==> flow/design.v <==
module multiplier #(
  parameter integer DW = 12
) (
  input sys_clk,
  input aresetn,
  input [DW-1:0] i_src1,
  input [DW-1:0] i_src2,
  input [2*DW-1:0] i_src3,
  output [2*DW:0] o_p
);
  reg [2*DW:0] p_reg;
  always @(posedge sys_clk) begin
    if (~aresetn) begin
      p_reg <= 0;
    end else begin
      p_reg <= i_src1 * i_src2 + i_src3;
    end
  end
  assign o_p = p_reg;
endmodule
Reports on multiplier:

What the tools print for multiplier, step after step.
Lines are those of the file above, counted from 1.
Cell names lack the library's common part.
Not given: -

* top: multiplier
* clock: sys_clk
* standard-cell library: sky130hd
* library corner: tt_025C_1v80

Elaborated design:

Source: Yosys, flattened and elaborated, memories not mapped. Widths are those after wreduce; folded enables and synchronous resets count as part of the registers. Registers that Yosys merges into a memory's read port (data or address) are not register bits. Print and check cells do not count. Equal cells are merged and count once.

* bits in registers: 25
* latch bits: 0
* bits in writable memories: 0
* ROM bits: 0
* clocked read ports x word width: 0
* memory cells: 0
* bits of input ports: 50
* output and inout bits: 25
* word-level cells: 3

* add/sub/neg operators: 1
* multipliers: 1
* divide/modulo/power cells: 0
* magnitude comparators: 0
* eq/ne operators: 0
* shifts and indexed selects: 0
* muxes and demuxes: 0
* bitwise logic cells: 0
* reductions and logical operators: 0

Operator list (number)
* 12-bit by 12-bit multiplier with 24-bit output: 1
* 24-bit by 24-bit adder with 25-bit output: 1

Depth:

Depth = most cells in a row (Yosys ltp): at word level without a register or memory, in the mapped netlist without a sequential cell, where the memories' decode and read muxes count.

* depth after elaboration: 2
* ABC_AREA: 0
* depth in mapped cells: 19

Netlist:

Source: synth_stat.txt of the flow (Yosys; design flattened, memories mapped). It holds for the ABC_AREA given above (unset counts as 0); a run with the other value may have another netlist.

Cell types
* fa_1: number 123, area in all 2.46E+03 um^2
* ha_1: number 65, area in all 813.28 um^2
* inv_1: number 191, area in all 716.938 um^2
* and2_1: number 82, area in all 512.992 um^2
* dfxtp_1: number 25, area in all 500.48 um^2
* nand2_1: number 93, area in all 349.085 um^2
* clkbuf_1: number 27, area in all 101.347 um^2
* xor2_1: number 10, area in all 87.584 um^2
* a21oi_1: number 17, area in all 85.082 um^2
* o21ai_0: number 11, area in all 55.053 um^2
* nand3_1: number 7, area in all 35.034 um^2
* xnor2_1: number 4, area in all 35.034 um^2
* nor2_1: number 9, area in all 33.782 um^2
* a211oi_1: number 4, area in all 30.029 um^2
* mux2i_1: number 3, area in all 30.029 um^2
* o211ai_1: number 4, area in all 30.029 um^2
* o21a_1: number 4, area in all 30.029 um^2
* a21o_1: number 3, area in all 22.522 um^2

Other cell types: 24; their cells: 31.

* cells in the netlist: 713
* cell area after synthesis: 6207.2 um^2
* sequential area: 500.5 um^2
* mapped flip-flops: 25
* buffer cells: 27

Path before layout:

Path of least setup slack by OpenSTA after synthesis, without wires, with an ideal clock, recovery checks aside; 20% of the period is set as input and as output delay. Where synthesis merged equal registers, the netlist keeps one of their names.

* kind: input to register
* start: input i_src2[0]
* end: register p_reg[13]
* period: 7.01 ns
* library setup time: 0.115 ns
* time at the first pin: 1.402 ns
* arrival time: 5.772 ns
* data required time: 6.895 ns
* setup slack: 1.123 ns
* delay of the path: 4.485 ns
* stages on the path: 18
* buffers on the path: 1
* synthesis period reached: 5.887 ns

"delay of the path" = arrival - input delay + setup time.
"stages on the path": output pins that drive a net of the path, with the launching flip-flop's if there is one; two outputs of one cell count as two.
"synthesis period reached" = period - worst setup slack (recovery checks aside). The figure is calculated, with input and output delays left at 20% of the set period.
Between the ends stands the longest chain of elaborated cells between them, by number of cells; it is not shown to be the way that was timed. Of several equally long chains one is given.
Each line given opens the expression or statement behind the cell; cells for indexed reads and writes are added by Yosys, which also makes memories of some case tables.

* cell sequence: clkbuf_1 -> and2_1 -> fa_1 -> inv_1 -> fa_1 -> inv_1 -> fa_1 -> inv_1 -> fa_1 -> fa_1 -> inv_1 -> ha_1 -> a211oi_2 -> o22ai_2 -> a31oi_4 -> o21ai_0 -> xor2_1 -> and2_1
* length of the longest elaborated chain: 2
* elaborated cells on any way between the ends: 2
* source lines of those cells: 1
* those cells by class: add/sub: 1; mul: 1

RTL lines, path post-synthesis
* from (decl): line 7 `input [DW-1:0] i_src2,`
* 12-bit by 12-bit multiplier with 24-bit output: line 16 `p_reg <= i_src1 * i_src2 + i_src3;`
* 24-bit by 24-bit adder with 25-bit output: line 16
* to (assign): line 14 `p_reg <= 0;`
* to (assign): line 16
* to (decl): line 11 `reg [2*DW:0] p_reg;`

Path in the finished layout:

Path of least setup slack in the final report of run 1 (OpenROAD, finished layout, wires in). Where an end is a register, its clock arrival counts in the times.

* kind: input to register
* start: input i_src2[1]
* end: register p_reg[24]
* period: 7.01 ns
* library setup time: 0.11 ns
* time at the first pin: 1.40 ns
* arrival time: 6.69 ns
* data required time: 7.16 ns
* setup slack: 0.46 ns
* stages on the path: 18
* buffers on the path: 1

Between the ends stands the longest chain of elaborated cells between them, by number of cells; it is not shown to be the way that was timed. Of several equally long chains one is given.

* cell sequence: clkdlybuf4s50_1 -> and2_1 -> fa_1 -> inv_1 -> fa_1 -> inv_1 -> fa_1 -> inv_1 -> fa_1 -> fa_1 -> inv_1 -> ha_1 -> a211oi_2 -> o21ai_0 -> o211ai_2 -> o211ai_1 -> xnor2_1 -> and2_1
* length of the longest elaborated chain: 2
* elaborated cells on any way between the ends: 2
* source lines of those cells: 1
* those cells by class: add/sub: 1; mul: 1

RTL lines, path post-layout
* from (decl): line 7 `input [DW-1:0] i_src2,`
* 12-bit by 12-bit multiplier with 24-bit output: line 16 `p_reg <= i_src1 * i_src2 + i_src3;`
* 24-bit by 24-bit adder with 25-bit output: line 16
* to (assign): line 14 `p_reg <= 0;`
* to (assign): line 16
* to (decl): line 11 `reg [2*DW:0] p_reg;`

--- measured runs ---
Stored flow runs of multiplier (3 of them; Yosys, OpenROAD, sky130hd). They differ in their settings and are not a sequence. Constraints: input delay and output delay 20% of the set period each, output load 0.01 pF.
"time of the worst setup path" is the time allowed to the run's worst setup path (the clock period less input and output delay, where it has them) less its slack. Clock arrival times count: a late capture clock shortens it, a late launch clock lengthens it.
"total power of the final layout" rests on the timing tool's default activity at the inputs, not on a simulated workload.

### Run 1

==> flow/run.sh <==
#!/bin/bash
# the make line also repeats the synthesis and layout settings of config.mk as NAME=value (left out here)
make -C /OpenROAD-flow-scripts/flow DESIGN_CONFIG=/design/flow/config.mk WORK_HOME=/design/flow/orfs CLKGATE_MAP_FILE= finish
==> flow/config.mk <==
export PLATFORM = sky130hd
export DESIGN_NAME = multiplier
export DESIGN_NICKNAME = multiplier
export VERILOG_FILES = /design/flow/design.v
export SDC_FILE = /design/flow/constraint.sdc
export NUM_CORES = 4
export LEC_CHECK = 0
export CAP_MARGIN = 20
export CORE_MARGIN = 2
export CORE_UTILIZATION = 40
export SLEW_MARGIN = 20
==> flow/constraint.sdc <==
create_clock -name core_clock -period 7.01 [get_ports {sys_clk}]
set_input_delay 1.4020 -clock core_clock [delete_from_list [all_inputs] [get_ports {sys_clk}]]
set_output_delay 1.4020 -clock core_clock [all_outputs]
set_load 0.01 [all_outputs]

Results of run 1:
- Utilization after routing: 0.477
- Post-route setup TNS: 0.000 ns
- Total power of the final layout: 3.095 mW
- Worst hold slack after layout: 1.888 ns
- Standard-cell area after routing: 7,258.2 um^2
- Time of the worst setup path: 5.15 ns
- Worst path kind: input to register
- Overall die area: 16,530.2 um^2
- Smallest setup slack: 0.462 ns
- Chip area after synthesis (Yosys): 6,207.2 um^2

### Run 2

==> flow/run.sh <==
#!/bin/bash
# the make line also repeats the synthesis and layout settings of config.mk as NAME=value (left out here)
make -C /OpenROAD-flow-scripts/flow DESIGN_CONFIG=/design/flow/config.mk WORK_HOME=/design/flow/orfs CLKGATE_MAP_FILE= finish
==> flow/config.mk <==
export PLATFORM = sky130hd
export DESIGN_NAME = multiplier
export DESIGN_NICKNAME = multiplier
export VERILOG_FILES = /design/flow/design.v
export SDC_FILE = /design/flow/constraint.sdc
export NUM_CORES = 4
export LEC_CHECK = 0
export ABC_AREA = 1
export CAP_MARGIN = 20
export CORE_ASPECT_RATIO = 1.92
export CORE_MARGIN = 2
export CORE_UTILIZATION = 54
export CTS_CLUSTER_SIZE = 34
export GPL_ROUTABILITY_DRIVEN = 0
export PLACE_DENSITY = 0.48
export SETUP_SLACK_MARGIN = 0.27
export SLEW_MARGIN = 30
==> flow/constraint.sdc <==
create_clock -name core_clock -period 7.14 [get_ports {sys_clk}]
set_input_delay 1.4280 -clock core_clock [delete_from_list [all_inputs] [get_ports {sys_clk}]]
set_output_delay 1.4280 -clock core_clock [all_outputs]
set_load 0.01 [all_outputs]

Results of run 2:
- Utilization after routing: 0.623
- Chip area after synthesis (Yosys): 6,651.4 um^2
- Standard-cell area after routing: 7,547.2 um^2
- Worst hold slack after layout: 1.859 ns
- Overall die area: 13,268.5 um^2
- Smallest setup slack: 0.820 ns
- Total power of the final layout: 3.328 mW
- Time of the worst setup path: 4.89 ns
- Worst path kind: input to register
- Post-route setup TNS: 0.000 ns

### Run 3

==> flow/run.sh <==
#!/bin/bash
# the make line also repeats the synthesis and layout settings of config.mk as NAME=value (left out here)
make -C /OpenROAD-flow-scripts/flow DESIGN_CONFIG=/design/flow/config.mk WORK_HOME=/design/flow/orfs CLKGATE_MAP_FILE= finish
==> flow/config.mk <==
export PLATFORM = sky130hd
export DESIGN_NAME = multiplier
export DESIGN_NICKNAME = multiplier
export VERILOG_FILES = /design/flow/design.v
export SDC_FILE = /design/flow/constraint.sdc
export NUM_CORES = 4
export LEC_CHECK = 0
export CAP_MARGIN = 30
export CORE_ASPECT_RATIO = 0.81
export CORE_MARGIN = 2
export CORE_UTILIZATION = 29
export CTS_CLUSTER_SIZE = 88
export GPL_TIMING_DRIVEN = 1
export MIN_ROUTING_LAYER = met2
export PLACE_DENSITY_LB_ADDON = 0.26
export SLEW_MARGIN = 15
==> flow/constraint.sdc <==
create_clock -name core_clock -period 8.06 [get_ports {sys_clk}]
set_input_delay 1.6120 -clock core_clock [delete_from_list [all_inputs] [get_ports {sys_clk}]]
set_output_delay 1.6120 -clock core_clock [all_outputs]
set_load 0.01 [all_outputs]

Results of run 3:
- Time of the worst setup path: 5.26 ns
- Worst path kind: input to register
- Utilization after routing: 0.345
- Chip area after synthesis (Yosys): 6,207.2 um^2
- Smallest setup slack: 1.187 ns
- Total power of the final layout: 2.719 mW
- Standard-cell area after routing: 7,303.2 um^2
- Worst hold slack after layout: 2.072 ns
- Overall die area: 22,596.5 um^2
- Post-route setup TNS: 0.000 ns
--- end ---
